==> flow/design.v <==
module add_unit_v2 #(
  parameter DATA_WIDTH = 120,
  parameter SLICE = 6
) (
  input wire clock,
  input wire rstn,
  input wire step,
  input wire [DATA_WIDTH-1:0] first,
  input wire [DATA_WIDTH-1:0] second,
  input wire cin,
  output wire [DATA_WIDTH-1:0] out,
  output wire cy
);
  reg [DATA_WIDTH-1:0] first_r;
  reg [DATA_WIDTH-1:0] second_r;
  reg cin_r;
  localparam NG = DATA_WIDTH / SLICE;
  wire [DATA_WIDTH-1:0] nxt;
  wire [NG:0] c;
  assign c[0] = cin_r;
  genvar i;
  generate
    for (i = 0; i < NG; i = i + 1) begin : row
      wire [SLICE:0] s0 = first_r[i*SLICE +: SLICE] + second_r[i*SLICE +: SLICE];
      wire [SLICE:0] s1 = first_r[i*SLICE +: SLICE] + second_r[i*SLICE +: SLICE] + 1'b1;
      assign {c[i+1], nxt[i*SLICE +: SLICE]} = c[i] ? s1 : s0;
    end
  endgenerate
  assign out = nxt;
  assign cy = c[NG];
  always @(posedge clock or negedge rstn) begin
    if (!rstn) begin
      first_r <= 0;
      second_r <= 0;
      cin_r <= 1'b0;
    end else if (step) begin
      first_r <= first;
      second_r <= second;
      cin_r <= cin;
    end
  end
endmodule
Tool chain data of add_unit_v2 --
Tool output for the design above, in the order of the flow. Lines are those of the file above, counted from 1. Library cell names are shortened. A cell with n/a has no value.
Design: top module add_unit_v2, clock port clock, cell library sky130hd, library corner tt_025C_1v80

After elaboration --
Source: Yosys, flattened and elaborated, memories not mapped. Widths are those after wreduce; folded enables and synchronous resets count as part of the registers. Registers that Yosys merges into a memory's read port (data or address) are not register bits. Print and check cells do not count. Equal cells are merged and count once.
Word-level totals: bits in registers 241, latch bits 0, RAM bits 0, memory bits (read-only) 0, word width x clocked read ports 0, memory cells 0, input bits 244, output and inout bits 121, elaborated cells 63
Operators by class: add/subtract/negate cells 40, multiply operators 0, divide/modulo/power cells 0, $lt $le $gt $ge 0, equality and inequality tests 0, shifts and indexed selects 0, multiplexer cells 20, bitwise logic cells 0, reduce/logical cells 0
Operators by type and width (number):
- adder 6 x 6 -> 7 bit | 20
- adder 7 x 1 -> 7 bit (second input constant) | 20
- two-way mux 7 bit | 20

Logic depth --
Depth = most cells in a row (Yosys ltp): at word level without a register or memory, in the mapped netlist without a sequential cell, where the memories' decode and read muxes count.
Logic depth: depth after elaboration 22, ABC_AREA 0, depth in mapped cells 25, depth with buffers taken out 25

After synthesis --
Yosys stat after the flow's synthesis: flattened, memories mapped to cells. It holds for the ABC_AREA given above (unset counts as 0); a run with the other value may have another netlist.
Synthesis totals: cell count 1376, chip area (Yosys) 0.0156988 mm², area of sequential cells 0.0060308 mm², flip-flop cells 241, buffers 27
Cell types:
- dfrtp_1 | number 241, total area 6.03E+03 µm²
- mux2_2 | number 254, total area 2.86E+03 µm²
- ha_1 | number 140, total area 1751.68 µm²
- xnor2_1 | number 128, total area 1.12E+03 µm²
- xor2_1 | number 65, total area 569.296 µm²
- fa_1 | number 20, total area 400.384 µm²
- a21oi_1 | number 77, total area 385.37 µm²
- a21o_1 | number 33, total area 247.738 µm²
- o21bai_1 | number 33, total area 247.738 µm²
- nor2_1 | number 65, total area 243.984 µm²
- nand2_1 | number 61, total area 228.97 µm²
- inv_1 | number 50, total area 187.68 µm²
- nand3_1 | number 31, total area 155.149 µm²
- nand4_1 | number 23, total area 143.888 µm²
- mux2i_1 | number 11, total area 110.106 µm²
- and3_1 | number 17, total area 106.352 µm²
- clkbuf_1 | number 27, total area 101.347 µm²
- o21ai_0 | number 13, total area 65.062 µm²
Not listed: further types 39, cells in them 87.

Worst setup path after synthesis --
Source: OpenSTA report_checks on the synthesized netlist (no wires, ideal clock, input and output delay 20% of the period each), path of least setup slack; recovery checks are left aside. Register names are those of the netlist, which keeps one name where synthesis merged equal registers.
Timing after synthesis: kind reg-to-output, from register first_r[0], to output out[115], period 11700 ps, output delay 2340 ps, time at the first pin 0 ps, arrival time 7488 ps, data required time 9360 ps, path slack 1872 ps, path delay 7488 ps, driving pins on the path 25, path buffers 0, period reached after synthesis 9828 ps
"path delay" = arrival - input delay + setup time. At an output port there is no setup time. "driving pins on the path": output pins that drive a net of the path, with the launching flip-flop's if there is one; two outputs of one cell count as two. "period reached after synthesis" is the clock period less the worst setup slack; recovery checks do not enter. This is arithmetic on one report: input and output delays are still those of the set period (20% each). Between the ends stands the longest chain of elaborated cells between them, by number of cells; it is not shown to be the way that was timed. Of several equally long chains one is given. Each line given opens the expression or statement behind the cell; cells for indexed reads and writes are added by Yosys, which also makes memories of some case tables.
On the way, after synthesis: cell sequence dfrtp_1 -> ha_1 -> fa_1 -> a211oi_1 -> nor2_1 -> or4_1 -> or4b_4 -> a2111o_1 -> o2111ai_2 -> nor3_2 -> a21oi_1 -> and4bb_4 -> mux2i_2 -> mux2i_2 -> mux2i_1 -> mux2i_1 -> mux2i_1 -> mux2_4 -> mux2_4 -> mux2_4 -> mux2i_2 -> mux2i_2 -> mux2i_4 -> xnor2_1 -> mux2_1, cells in the longest elaborated chain 22, elaborated cells on any way between the ends 22, those cells by class add/sub (2); mux (20)
Ends and longest elaborated chain, after synthesis:
- start, declared | RTL line 14 | reg [DATA_WIDTH-1:0] first_r;
- start, assigned | RTL line 33 | first_r <= 0;
- start, assigned | RTL line 37 | first_r <= first;
- adder 6 x 6 -> 7 bit | RTL line 25 | wire [SLICE:0] s1 = first_r[i*SLICE +: SLICE] + second_r[i*SLICE +: SLICE] + 1'b1;
- adder 7 x 1 -> 7 bit | RTL line 25
- two-way mux 7 bit (20 in a row) | RTL line 26 | assign {c[i+1], nxt[i*SLICE +: SLICE]} = c[i] ? s1 : s0;
- end, declared | RTL line 11 | output wire [DATA_WIDTH-1:0] out,

Worst path after layout --
Path of least setup slack in the final report of run A (OpenROAD, finished layout, wires in). Where an end is a register, its clock arrival counts in the times. The path's times are printed in steps of 10 ps; the period is the one set.
Timing after layout: kind reg-to-output, from register first_r[0], to output out[115], period 14300 ps, output delay 2860 ps, time at the first pin 550 ps, arrival time 9570 ps, data required time 11440 ps, path slack 1870 ps, driving pins on the path 26, path buffers 1
Between the ends stands the longest chain of elaborated cells between them, by number of cells; it is not shown to be the way that was timed. Of several equally long chains one is given.
On the way, after layout: cell sequence dfrtp_1 -> ha_1 -> fa_1 -> a211oi_1 -> nor2_1 -> or4_1 -> or4b_4 -> nand2_1 -> o2111ai_2 -> nor3_2 -> a21oi_1 -> and4bb_4 -> mux2i_2 -> mux2i_2 -> mux2i_1 -> mux2i_1 -> mux2i_1 -> mux2_4 -> mux2_4 -> mux2_4 -> mux2i_2 -> mux2i_2 -> mux2i_4 -> xnor2_1 -> mux2_1 -> clkdlybuf4s50_1, cells in the longest elaborated chain 22, elaborated cells on any way between the ends 22, those cells by class add/sub (2); mux (20)
Ends and longest elaborated chain, after layout:
- start, declared | RTL line 14 | reg [DATA_WIDTH-1:0] first_r;
- start, assigned | RTL line 33 | first_r <= 0;
- start, assigned | RTL line 37 | first_r <= first;
- adder 6 x 6 -> 7 bit | RTL line 25 | wire [SLICE:0] s1 = first_r[i*SLICE +: SLICE] + second_r[i*SLICE +: SLICE] + 1'b1;
- adder 7 x 1 -> 7 bit | RTL line 25
- two-way mux 7 bit (20 in a row) | RTL line 26 | assign {c[i+1], nxt[i*SLICE +: SLICE]} = c[i] ? s1 : s0;
- end, declared | RTL line 11 | output wire [DATA_WIDTH-1:0] out,

Appendix: measured runs

Design add_unit_v2 on sky130hd. What follows are 3 stored runs of the flow, each under its own settings; their order means nothing. The constraints put input and output delay at 20% of the set period each and load the outputs with 0.01 pF.
"achieved period" is the run's clock period less its worst setup slack. It is reckoned from that one timing run; input and output delays stay at 20% of the period that was set.
"critical path time" = time allowed to the worst setup path (clock period - input delay - output delay, where it has them) - its slack; a late launch clock adds to it, a late capture clock takes from it.
"total power of the final layout": no workload was simulated; the value follows from the tool's default switching activity.
"critical path time" is known to 10 ps.

[run A] flow files
==> flow/run.sh <==
#!/bin/bash
# the make line also repeats the synthesis and layout settings of config.mk as NAME=value (left out here)
make -C /OpenROAD-flow-scripts/flow DESIGN_CONFIG=/design/flow/config.mk WORK_HOME=/design/flow/orfs CLKGATE_MAP_FILE= finish
==> flow/config.mk <==
export PLATFORM = sky130hd
export DESIGN_NAME = add_unit_v2
export DESIGN_NICKNAME = add_unit_v2
export VERILOG_FILES = /design/flow/design.v
export SDC_FILE = /design/flow/constraint.sdc
export NUM_CORES = 4
export LEC_CHECK = 0
export CAP_MARGIN = 20
export CORE_MARGIN = 5
export CORE_UTILIZATION = 58
export CTS_CLUSTER_SIZE = 20
export GPL_TIMING_DRIVEN = 0
export MAX_ROUTING_LAYER = met4
export PLACE_DENSITY_LB_ADDON = 0.08
export SLEW_MARGIN = 10
export TNS_END_PERCENT = 30
==> flow/constraint.sdc <==
create_clock -name core_clock -period 14.3 [get_ports {clock}]
set_input_delay 2.8600 -clock core_clock [delete_from_list [all_inputs] [get_ports {clock}]]
set_output_delay 2.8600 -clock core_clock [all_outputs]
set_load 0.01 [all_outputs]

[run A] result: achieved period 12433 ps; worst slack on setup checks 1867 ps; synthesized cell area 0.0156988 mm²; critical path time 9570 ps; critical path type reg-to-output; standard-cell area after layout 0.0208788 mm²; setup TNS 0 ps; total power of the final layout 2.920 mW; lowest hold slack 508 ps; area inside the die boundary 0.0304572 mm²; utilization after routing 0.779

[run B] flow files
==> flow/run.sh <==
#!/bin/bash
# the make line also repeats the synthesis and layout settings of config.mk as NAME=value (left out here)
make -C /OpenROAD-flow-scripts/flow DESIGN_CONFIG=/design/flow/config.mk WORK_HOME=/design/flow/orfs CLKGATE_MAP_FILE= finish
==> flow/config.mk <==
export PLATFORM = sky130hd
export DESIGN_NAME = add_unit_v2
export DESIGN_NICKNAME = add_unit_v2
export VERILOG_FILES = /design/flow/design.v
export SDC_FILE = /design/flow/constraint.sdc
export NUM_CORES = 4
export LEC_CHECK = 0
export CAP_MARGIN = 20
export CELL_PAD_IN_SITES_GLOBAL_PLACEMENT = 0
export CORE_MARGIN = 2
export CORE_UTILIZATION = 34
export GPL_ROUTABILITY_DRIVEN = 1
export GPL_TIMING_DRIVEN = 1
export MAX_ROUTING_LAYER = met4
export PLACE_DENSITY = 0.35
export SETUP_SLACK_MARGIN = 1.27
export SLEW_MARGIN = 25
export TNS_END_PERCENT = 80
==> flow/constraint.sdc <==
create_clock -name core_clock -period 7.34 [get_ports {clock}]
set_input_delay 1.4680 -clock core_clock [delete_from_list [all_inputs] [get_ports {clock}]]
set_output_delay 1.4680 -clock core_clock [all_outputs]
set_load 0.01 [all_outputs]

[run B] result: achieved period 9498 ps; worst slack on setup checks -2158 ps; synthesized cell area 0.0156988 mm²; critical path time 8030 ps; critical path type reg-to-output; standard-cell area after layout 0.0238028 mm²; setup TNS -66492 ps; total power of the final layout 6.162 mW; lowest hold slack 509 ps; area inside the die boundary 0.0479085 mm²; utilization after routing 0.523

[run C] flow files
==> flow/run.sh <==
#!/bin/bash
# the make line also repeats the synthesis and layout settings of config.mk as NAME=value (left out here)
make -C /OpenROAD-flow-scripts/flow DESIGN_CONFIG=/design/flow/config.mk WORK_HOME=/design/flow/orfs CLKGATE_MAP_FILE= finish
==> flow/config.mk <==
export PLATFORM = sky130hd
export DESIGN_NAME = add_unit_v2
export DESIGN_NICKNAME = add_unit_v2
export VERILOG_FILES = /design/flow/design.v
export SDC_FILE = /design/flow/constraint.sdc
export NUM_CORES = 4
export LEC_CHECK = 0
export CAP_MARGIN = 20
export CORE_MARGIN = 2
export CORE_UTILIZATION = 40
export SLEW_MARGIN = 20
==> flow/constraint.sdc <==
create_clock -name core_clock -period 11.7 [get_ports {clock}]
set_input_delay 2.3400 -clock core_clock [delete_from_list [all_inputs] [get_ports {clock}]]
set_output_delay 2.3400 -clock core_clock [all_outputs]
set_load 0.01 [all_outputs]

[run C] result: achieved period 11265 ps; worst slack on setup checks 435 ps; synthesized cell area 0.0156988 mm²; critical path time 8930 ps; critical path type reg-to-output; standard-cell area after layout 0.0209989 mm²; setup TNS 0 ps; total power of the final layout 3.517 mW; lowest hold slack 509 ps; area inside the die boundary 0.0408485 mm²; utilization after routing 0.542
